==> flow/design.v <==
module alu_sub_unit_rtl #(
    parameter WD = 28
) (
    input  wire i_clk,
    input  wire rst_ni,
    input  wire ce,
    input  wire [WD-1:0] i_rs1,
    input  wire i_sub,
    input  wire i_zero,
    output wire [WD-1:0] o_q
);
    reg [WD-1:0] accum;
    always @(posedge i_clk or negedge rst_ni) begin
        if (!rst_ni) begin
            accum <= 0;
        end else if (ce) begin
            accum <= i_zero ? i_rs1 : i_sub ? accum - i_rs1 : accum + i_rs1;
        end
    end
    assign o_q = accum;
endmodule
Step by step through the tools: alu_sub_unit_rtl. What the tools print for alu_sub_unit_rtl, step after step. Line numbers count from 1 in the design file above. Operators carry their Yosys type and port widths (W data, S select, Z words). Not given: --

Top: alu_sub_unit_rtl. Clock port: i_clk. Library: sky130hd. Corner: tt_025C_1v80.

Word-level counts. Yosys after proc, flatten, opt, wreduce and memory -nomap, before mapping. Enables and synchronous resets that opt folds into registers are not counted as muxes. Memory bits, and registers merged into a memory's read port (data or address), are not among the register bits. Print and check cells are not counted. Equal cells are merged and count once.

Under add/sub/neg operators stands 2. The entry for muxes and demuxes reads 2.

Operators by type and width (number): $mux W28 (2); $add A28 B28 Y28 (1); $sub A28 B28 Y28 (1).

The entry for register bits reads 28. The figure for bits of input ports is 33.

Longest topological paths. Yosys ltp: most cells in a row. Word level: on the elaborated netlist, between registers, memories and ports. Mapped: between sequential cells and ports; inverters and the memories' decode and read muxes count.

The entry for depth in word-level cells reads 3. Under ABC_AREA stands 0. For gate-level depth with buffers the number is 15.

Synthesis result. The flow's flattened synthesis, as Yosys stat reports it; memories are mapped. The netlist is that of the ABC_AREA named above (0 if unset); the other value can give another one.

The figure for cells in the netlist is 417. Under cell area after synthesis stands 0.0032318 mm². Under sequential area stands 0.0007007 mm². The entry for flip-flop cells reads 28.

Cells by type (number): sky130_fd_sc_hd__dfrtp_1 (28); sky130_fd_sc_hd__ha_1 (28); sky130_fd_sc_hd__xnor2_1 (39); sky130_fd_sc_hd__a21oi_1 (61); sky130_fd_sc_hd__nor2_1 (58); sky130_fd_sc_hd__nand2_1 (25); sky130_fd_sc_hd__and3_1 (12); sky130_fd_sc_hd__nor3_1 (14); sky130_fd_sc_hd__o21ai_0 (14); sky130_fd_sc_hd__a21o_1 (9); sky130_fd_sc_hd__nand3_1 (13); sky130_fd_sc_hd__a31oi_1 (8); sky130_fd_sc_hd__clkbuf_1 (12); sky130_fd_sc_hd__nor2b_1 (7); sky130_fd_sc_hd__xor2_1 (5); sky130_fd_sc_hd__a221o_1 (4); sky130_fd_sc_hd__inv_1 (10); sky130_fd_sc_hd__o21a_1 (5).

Other cell types: 41; their cells: 65.

Timing after synthesis. Path of least setup slack by OpenSTA after synthesis, without wires, with an ideal clock, recovery checks aside; 20% of the period is set as input and as output delay. Where synthesis merged equal registers, the netlist keeps one of their names.

Path type: in2reg. Start: input port i_rs1[4]. End: register accum[27]. For clock period the number is 5070 ps. The figure for input delay is 1014 ps. For launch time at the first pin the number is 1014 ps. For arrival the number is 4128 ps. Required time: 4939 ps. The entry for path slack reads 811 ps. For path delay the number is 3245 ps. Under stages on the path stands 15. Under period reached after synthesis stands 4259 ps.

"path delay" is the arrival time less input delay plus setup time. "stages on the path" counts driving pins, that of a launching flip-flop among them; a cell with two outputs on the path counts twice. "period reached after synthesis" = period - worst setup slack (recovery checks aside). The figure is calculated, with input and output delays left at 20% of the set period. The rows between start and end are the longest chain of elaborated cells between them; the timing report does not say that the signal goes this way. Where chains are equally long, one stands for them. A line is the first line of the expression or statement that the cell stems from. Yosys adds cells for indexed reads and writes and turns some case tables into memories.

Cell sequence: sky130_fd_sc_hd__nor4_2 -> sky130_fd_sc_hd__and3b_1 -> sky130_fd_sc_hd__nand3b_1 -> sky130_fd_sc_hd__nor3_1 -> sky130_fd_sc_hd__a21oi_1 -> sky130_fd_sc_hd__xnor2_1 -> sky130_fd_sc_hd__ha_1 -> sky130_fd_sc_hd__a21oi_1 -> sky130_fd_sc_hd__nor2b_1 -> sky130_fd_sc_hd__o21ai_1 -> sky130_fd_sc_hd__nand2b_1 -> sky130_fd_sc_hd__a211oi_1 -> sky130_fd_sc_hd__o211ai_2 -> sky130_fd_sc_hd__and4_1 -> sky130_fd_sc_hd__or3_1. Cells in the longest elaborated chain: 3. Under elaborated cells on any way between the ends stands 4. Source lines of those cells: 1. Those cells by class: 2 x add/sub; 2 x mux.

RTL lines, path post-synthesis: start, declared (line 7) `input  wire [WD-1:0] i_rs1,`; $add A28 B28 Y28 (line 17) `accum <= i_zero ? i_rs1 : i_sub ? accum - i_rs1 : accum + i_rs1;`; $mux W28 x2 (line 17); end, assigned (line 15) `accum <= 0;`; end, assigned (line 17); end, declared (line 12) `reg [WD-1:0] accum;`.

Worst path after layout. From the final timing report of job 1: the path of least setup slack in the routed layout; clock arrival at registers is part of the times. The report prints the path's times to 10 ps; the period is as set.

Path type: in2reg. Start: input port i_rs1[4]. End: register accum[26]. For clock period the number is 5070 ps. The figure for input delay is 1010 ps. For launch time at the first pin the number is 1010 ps. For arrival the number is 4770 ps. Required time: 5230 ps. The entry for path slack reads 460 ps. Under stages on the path stands 16.

The rows between start and end are the longest chain of elaborated cells between them; the timing report does not say that the signal goes this way. Where chains are equally long, one stands for them.

Cell sequence: sky130_fd_sc_hd__clkdlybuf4s50_1 -> sky130_fd_sc_hd__nor4_2 -> sky130_fd_sc_hd__and3b_1 -> sky130_fd_sc_hd__and3b_2 -> sky130_fd_sc_hd__a31o_2 -> sky130_fd_sc_hd__o21ai_0 -> sky130_fd_sc_hd__xnor2_1 -> sky130_fd_sc_hd__ha_1 -> sky130_fd_sc_hd__a21o_1 -> sky130_fd_sc_hd__a21o_1 -> sky130_fd_sc_hd__o221ai_1 -> sky130_fd_sc_hd__a21oi_1 -> sky130_fd_sc_hd__a211o_1 -> sky130_fd_sc_hd__a31oi_1 -> sky130_fd_sc_hd__xnor2_1 -> sky130_fd_sc_hd__a221o_1. Cells in the longest elaborated chain: 3. Under elaborated cells on any way between the ends stands 4. Source lines of those cells: 1. Those cells by class: 2 x add/sub; 2 x mux.

RTL lines, path post-layout: start, declared (line 7) `input  wire [WD-1:0] i_rs1,`; $add A28 B28 Y28 (line 17) `accum <= i_zero ? i_rs1 : i_sub ? accum - i_rs1 : accum + i_rs1;`; $mux W28 x2 (line 17); end, assigned (line 15) `accum <= 0;`; end, assigned (line 17); end, declared (line 12) `reg [WD-1:0] accum;`.

Wiki page: alu_sub_unit_rtl / flow data

Module alu_sub_unit_rtl, platform sky130hd: 3 stored runs of the flow (Yosys, OpenROAD) with differing settings, in no particular order. Input and output delays are each 20% of the period that was set; the output load is 0.01 pF. By "achieved period" is meant the clock period of the run minus its worst setup slack. This is arithmetic on one report: input and output delays are still those of the set period (20% each). "worst path time": the worst setup path's part of the clock period (all of it between registers, 20% less for each end at a port) less its slack. A launch clock that arrives late makes it longer, a capture clock that arrives late makes it shorter. "total power after layout" is the tool's figure for a default switching activity; nothing was simulated. "worst path time" is known to 10 ps.

Job 1 has these settings: period_ns 5.07; CAP_MARGIN 20; CORE_MARGIN 2; CORE_UTILIZATION 40; SLEW_MARGIN 20. The achieved period comes to 4609 ps. The die size reads 0.0088144 mm². The post-synthesis cell area reads 0.0032318 mm². The measured final worst hold slack is 552 ps. For the final setup TNS the run shows 0 ps. The utilization of the finished layout stands at 52.4%. The worst path time stands at 3600 ps. Worst setup path kind: in2reg. The measured setup slack of the worst path is 461 ps. The measured area of the standard cells in the finished layout is 0.0040689 mm². For the total power after layout the run shows 1.705 mW.

Job 2 has these settings: period_ns 3.46; CORE_UTILIZATION 18; SETUP_SLACK_MARGIN 1.03; PLACE_DENSITY_LB_ADDON 0.18; CELL_PAD_IN_SITES_GLOBAL_PLACEMENT 2; MIN_ROUTING_LAYER met2; MAX_ROUTING_LAYER met4; CAP_MARGIN 20; CORE_MARGIN 2; SLEW_MARGIN 20. The achieved period comes to 3714 ps. The die size reads 0.0190426 mm². The post-synthesis cell area reads 0.0032318 mm². The measured final worst hold slack is 559 ps. For the final setup TNS the run shows -1518 ps. The utilization of the finished layout stands at 33.8%. The worst path time stands at 3020 ps. Worst setup path kind: in2reg. The measured setup slack of the worst path is -254 ps. The measured area of the standard cells in the finished layout is 0.0058831 mm². For the total power after layout the run shows 3.836 mW.

Job 3 has these settings: period_ns 7.81; CORE_UTILIZATION 17; PLACE_DENSITY_LB_ADDON 0.15; CORE_MARGIN 5; CELL_PAD_IN_SITES_GLOBAL_PLACEMENT 3; CELL_PAD_IN_SITES_DETAIL_PLACEMENT 1; ABC_AREA 1; GPL_ROUTABILITY_DRIVEN 1; CTS_CLUSTER_DIAMETER 367; MIN_ROUTING_LAYER met1; MAX_ROUTING_LAYER met4; CAP_MARGIN 20; SLEW_MARGIN 20. The achieved period comes to 4948 ps. The die size reads 0.0260709 mm². The post-synthesis cell area reads 0.0039 mm². The measured final worst hold slack is 537 ps. For the final setup TNS the run shows 0 ps. The utilization of the finished layout stands at 21.7%. The worst path time stands at 3390 ps. Worst setup path kind: in2reg. The measured setup slack of the worst path is 2862 ps. The measured area of the standard cells in the finished layout is 0.0049135 mm². For the total power after layout the run shows 1.100 mW.
